==> flow/design.v <==
module mul_unit #(
   parameter DWIDTH = 12
) (
   input logic ck,
   input logic i_rst,
   input logic [DWIDTH-1:0] da_in,
   input logic [DWIDTH-1:0] db_in,
   output logic [2*DWIDTH-1:0] result_out
);
   logic [DWIDTH-1:0] da_ff;
   logic [DWIDTH-1:0] db_ff;
   always_ff @(posedge ck) begin
      if (i_rst) begin
         da_ff <= 0;
         db_ff <= 0;
      end else begin
         da_ff <= da_in;
         db_ff <= db_in;
      end
   end
   logic [2*DWIDTH-1:0] cur;
   always_comb begin
      cur = 0;
      for (int i = 0; i < DWIDTH; i++)
         if (db_ff[i]) cur = cur + (da_ff << i);
   end
   logic [2*DWIDTH-1:0] result_ff;
   always_ff @(posedge ck) begin
      if (i_rst) begin
         result_ff <= 0;
      end else begin
         result_ff <= cur;
      end
   end
   assign result_out = result_ff;
endmodule
## Reports on mul_unit

What the tools print for mul_unit, step after step.
Line numbers count from 1 in the design file above.
Operators: Yosys type, input widths -> output width; for muxes data width and select width s.
Library cell names are shortened.
A cell with - has no value.

- Top module: mul_unit
- Clock: ck
- Standard-cell library: sky130hd
- Corner: tt_025C_1v80

## Word level

Source: Yosys, flattened and elaborated, memories not mapped. Widths are those after wreduce; folded enables and synchronous resets count as part of the registers. Registers that Yosys merges into a memory's read port (data or address) are not register bits. Print and check cells do not count. Equal cells are merged and count once.

- $add $sub $neg: 11
- Mux-type cells: 12

Operators by type and width:

| operator | number |
|---|---|
| $mux 24 | 11 |
| $add 24x13->24 | 1 |
| $add 24x14->24 | 1 |
| $add 24x15->24 | 1 |
| $add 24x16->24 | 1 |
| $add 24x17->24 | 1 |
| $add 24x18->24 | 1 |
| $add 24x19->24 | 1 |
| $add 24x20->24 | 1 |
| $add 24x21->24 | 1 |
| $add 24x22->24 | 1 |
| $add 24x23->24 | 1 |
| $mux 12 | 1 |

- Output and inout port bits: 24
- Register bits: 48

## Logic depth

Depth = most cells in a row (Yosys ltp): at word level without a register or memory, in the mapped netlist without a sequential cell, where the memories' decode and read muxes count.

- Depth after elaboration: 23
- ABC_AREA: 0
- Depth in mapped cells: 77
- Gate-level depth less buffers: 76

## Synthesis result

Source: synth_stat.txt of the flow (Yosys; design flattened, memories mapped). It holds for the ABC_AREA given above (unset counts as 0); a run with the other value may have another netlist.
Totals and module areas in this step are rounded.

- Flip-flops: 48
- Sequential part of the area: 0.000961 sq mm
- Cell count: 1201
- Synthesis area: 0.00916 sq mm

Cell types:

| type | number | total area (sq um) |
|---|---|---|
| ha_1 | 136 | 1.7E+03 |
| dfxtp_1 | 48 | 960.922 |
| xnor2_1 | 52 | 455.437 |
| a21oi_1 | 88 | 440.422 |
| o21ai_0 | 77 | 385.37 |
| nand2_1 | 100 | 375.36 |
| nor2_1 | 80 | 300.288 |
| inv_1 | 74 | 277.766 |
| a21o_1 | 34 | 255.245 |
| nor2b_1 | 40 | 250.24 |
| mux2_2 | 21 | 236.477 |
| xor2_1 | 27 | 236.477 |
| o21a_1 | 30 | 225.216 |
| fa_1 | 11 | 220.211 |
| mux2i_1 | 22 | 220.211 |
| a211oi_1 | 18 | 135.13 |
| o211ai_1 | 18 | 135.13 |
| a31oi_1 | 20 | 125.12 |

Not listed: further types 71, cells in them 305.

## Worst setup path after synthesis

OpenSTA on the mapped netlist: ideal clock, no wires. The path of least setup slack (recovery checks aside). Input and output delay are each 20% of the period. Register names are those of the netlist, which keeps one name where synthesis merged equal registers.

- Kind: reg-to-reg
- Start point: register da_ff[1]
- End point: register result_ff[23]
- Buffers on the path: 0
- Time at the first pin: 0 ps
- Slack: 3446 ps
- Arrival time: 13541 ps
- Period: 17100 ps
- Path delay: 13655 ps
- Stages on the path: 72
- Synthesis period reached: 13654 ps

"path delay" = arrival - input delay + setup time.
"stages on the path": output pins that drive a net of the path, with the launching flip-flop's if there is one; two outputs of one cell count as two.
"synthesis period reached" is the clock period less the worst setup slack; recovery checks do not enter. This is arithmetic on one report: input and output delays are still those of the set period (20% each).
Between the ends stands the longest chain of elaborated cells between them, by number of cells; it is not shown to be the way that was timed. Of several equally long chains one is given.
A line is the first line of the expression or statement that the cell stems from. Yosys adds cells for indexed reads and writes and turns some case tables into memories.

- Cell sequence: dfxtp_1 > and2_1 > ha_1 > fa_1 > o211ai_2 > o211ai_2 > a31o_1 > a21o_1 > a21oi_1 > xnor2_1 > mux2_2 > ha_1 > xor2_1 > a2111oi_4 > ha_1 > or2_2 > a31oi_1 > a31oi_1 > [36 not listed] > nand4_1 > a21oi_1 > nor2_1 > xnor2_1 > mux2_2 > ha_1 > a21oi_1 > nand2_1 > o2bb2ai_1 > a31oi_1 > xnor2_1 > a221o_1 > ha_1 > a21oi_1 > o21ai_0 > a21o_1 > a21oi_1 > nor2_1
- Cells in the longest elaborated chain: 23
- Elaborated cells on any way between the ends: 23
- Those cells by class: add/sub: 11; mux: 12

Ends and longest elaborated chain, post-synthesis:

| what | line | source |
|---|---|---|
| start, declared | 10 | `logic [DWIDTH-1:0] da_ff;` |
| start, assigned | 14 | `da_ff <= 0;` |
| start, assigned | 17 | `da_ff <= da_in;` |
| $mux 12 | 25 | `if (db_ff[i]) cur = cur + (da_ff << i);` |
| $add 24x13->24 | 25 |  |
| $mux 24 | 25 |  |
| $add 24x14->24 | 25 |  |
| $mux 24 | 25 |  |
| $add 24x15->24 | 25 |  |
| $mux 24 | 25 |  |
| [9 not listed] | - |  |
| $mux 24 | 25 |  |
| $add 24x21->24 | 25 |  |
| $mux 24 | 25 |  |
| $add 24x22->24 | 25 |  |
| $mux 24 | 25 |  |
| $add 24x23->24 | 25 |  |
| $mux 24 | 25 |  |
| end, assigned | 30 | `result_ff <= 0;` |
| end, assigned | 32 | `result_ff <= cur;` |
| end, declared | 27 | `logic [2*DWIDTH-1:0] result_ff;` |

## Path in the finished layout

From the final timing report of stored run 1: the path of least setup slack in the routed layout; clock arrival at registers is part of the times.
The report prints the path's times to 10 ps; the period is as set.

- Kind: reg-to-reg
- Start point: register db_ff[0]
- End point: register result_ff[23]
- Slack: 1430 ps
- Stages on the path: 72
- Time at the first pin: 300 ps
- Arrival time: 15880 ps
- Period: 17100 ps
- Buffers on the path: 0

Between the ends stands the longest chain of elaborated cells between them, by number of cells; it is not shown to be the way that was timed. Of several equally long chains one is given.

- Cell sequence: dfxtp_1 > and2_1 > ha_1 > fa_1 > o211ai_2 > o211ai_2 > a31o_1 > a21o_1 > a21oi_1 > xnor2_1 > mux2_2 > ha_1 > xor2_1 > a2111oi_4 > ha_1 > or2_2 > a31oi_1 > a31oi_1 > [36 not listed] > nand4_1 > a21oi_1 > nor2_1 > xnor2_1 > mux2_2 > ha_1 > a21oi_1 > nand2_1 > o2bb2ai_1 > a31oi_1 > xnor2_1 > a221o_1 > ha_1 > a21oi_1 > o21ai_0 > a21o_1 > a21oi_1 > nor2_1
- Cells in the longest elaborated chain: 23
- Elaborated cells on any way between the ends: 23
- Those cells by class: add/sub: 11; mux: 12

Ends and longest elaborated chain, after layout:

| what | line | source |
|---|---|---|
| start, declared | 11 | `logic [DWIDTH-1:0] db_ff;` |
| start, assigned | 15 | `db_ff <= 0;` |
| start, assigned | 18 | `db_ff <= db_in;` |
| $mux 12 | 25 | `if (db_ff[i]) cur = cur + (da_ff << i);` |
| $add 24x13->24 | 25 |  |
| $mux 24 | 25 |  |
| $add 24x14->24 | 25 |  |
| $mux 24 | 25 |  |
| $add 24x15->24 | 25 |  |
| $mux 24 | 25 |  |
| [9 not listed] | - |  |
| $mux 24 | 25 |  |
| $add 24x21->24 | 25 |  |
| $mux 24 | 25 |  |
| $add 24x22->24 | 25 |  |
| $mux 24 | 25 |  |
| $add 24x23->24 | 25 |  |
| $mux 24 | 25 |  |
| end, assigned | 30 | `result_ff <= 0;` |
| end, assigned | 32 | `result_ff <= cur;` |
| end, declared | 27 | `logic [2*DWIDTH-1:0] result_ff;` |

# Flow runs of mul_unit

Design mul_unit on sky130hd. What follows are 3 stored runs of the flow, each under its own settings; their order means nothing. The constraints put input and output delay at 20% of the set period each and load the outputs with 0.01 pF.
"achieved period" = clock period - worst setup slack. The figure is calculated, with input and output delays left at 20% of the set period.
"power consumption": no workload was simulated; the value follows from the tool's default switching activity.
Measured values are rounded.

### Stored run 1

==> flow/run.sh <==
#!/bin/bash
# the make line also repeats the synthesis and layout settings of config.mk as NAME=value (left out here)
make -C /OpenROAD-flow-scripts/flow DESIGN_CONFIG=/design/flow/config.mk WORK_HOME=/design/flow/orfs CLKGATE_MAP_FILE= finish
==> flow/config.mk <==
export PLATFORM = sky130hd
export DESIGN_NAME = mul_unit
export DESIGN_NICKNAME = mul_unit
export VERILOG_FILES = /design/flow/design.v
export SDC_FILE = /design/flow/constraint.sdc
export NUM_CORES = 4
export LEC_CHECK = 0
export CAP_MARGIN = 20
export CORE_MARGIN = 2
export CORE_UTILIZATION = 40
export SLEW_MARGIN = 20
==> flow/constraint.sdc <==
create_clock -name core_clock -period 17.1 [get_ports {ck}]
set_input_delay 3.4200 -clock core_clock [delete_from_list [all_inputs] [get_ports {ck}]]
set_output_delay 3.4200 -clock core_clock [all_outputs]
set_load 0.01 [all_outputs]

Results of stored run 1:
- Power consumption: 0.690 mW
- Achieved period: 15673 ps
- Full die area: 0.0241 sq mm
- Smallest setup slack: 1430 ps
- Worst hold slack in the final report: 710 ps
- Area of the synthesized netlist: 0.00916 sq mm
- Utilization after routing: 44.8 %

### Stored run 2

==> flow/run.sh <==
#!/bin/bash
# the make line also repeats the synthesis and layout settings of config.mk as NAME=value (left out here)
make -C /OpenROAD-flow-scripts/flow DESIGN_CONFIG=/design/flow/config.mk WORK_HOME=/design/flow/orfs CLKGATE_MAP_FILE= finish
==> flow/config.mk <==
export PLATFORM = sky130hd
export DESIGN_NAME = mul_unit
export DESIGN_NICKNAME = mul_unit
export VERILOG_FILES = /design/flow/design.v
export SDC_FILE = /design/flow/constraint.sdc
export NUM_CORES = 4
export LEC_CHECK = 0
export ABC_AREA = 1
export CAP_MARGIN = 35
export CELL_PAD_IN_SITES_DETAIL_PLACEMENT = 2
export CORE_MARGIN = 2
export CORE_UTILIZATION = 54
export CTS_CLUSTER_DIAMETER = 363
export CTS_CLUSTER_SIZE = 46
export MAX_ROUTING_LAYER = met5
export MIN_ROUTING_LAYER = met2
export PLACE_DENSITY = 0.82
export SLEW_MARGIN = 20
==> flow/constraint.sdc <==
create_clock -name core_clock -period 12.1 [get_ports {ck}]
set_input_delay 2.4200 -clock core_clock [delete_from_list [all_inputs] [get_ports {ck}]]
set_output_delay 2.4200 -clock core_clock [all_outputs]
set_load 0.01 [all_outputs]

Outcome of stored run 2: incomplete, placement halted on DPL-0033

### Stored run 3

==> flow/run.sh <==
#!/bin/bash
# the make line also repeats the synthesis and layout settings of config.mk as NAME=value (left out here)
make -C /OpenROAD-flow-scripts/flow DESIGN_CONFIG=/design/flow/config.mk WORK_HOME=/design/flow/orfs CLKGATE_MAP_FILE= finish
==> flow/config.mk <==
export PLATFORM = sky130hd
export DESIGN_NAME = mul_unit
export DESIGN_NICKNAME = mul_unit
export VERILOG_FILES = /design/flow/design.v
export SDC_FILE = /design/flow/constraint.sdc
export NUM_CORES = 4
export LEC_CHECK = 0
export ABC_AREA = 0
export CAP_MARGIN = 20
export CELL_PAD_IN_SITES_DETAIL_PLACEMENT = 0
export CORE_MARGIN = 2
export CORE_UTILIZATION = 62
export MIN_ROUTING_LAYER = met1
export PLACE_DENSITY_LB_ADDON = 0.21
export SETUP_SLACK_MARGIN = 1.31
export SLEW_MARGIN = 30
==> flow/constraint.sdc <==
create_clock -name core_clock -period 8.36 [get_ports {ck}]
set_input_delay 1.6720 -clock core_clock [delete_from_list [all_inputs] [get_ports {ck}]]
set_output_delay 1.6720 -clock core_clock [all_outputs]
set_load 0.01 [all_outputs]

Outcome of stored run 3: incomplete, clock tree synthesis halted on DPL-0038
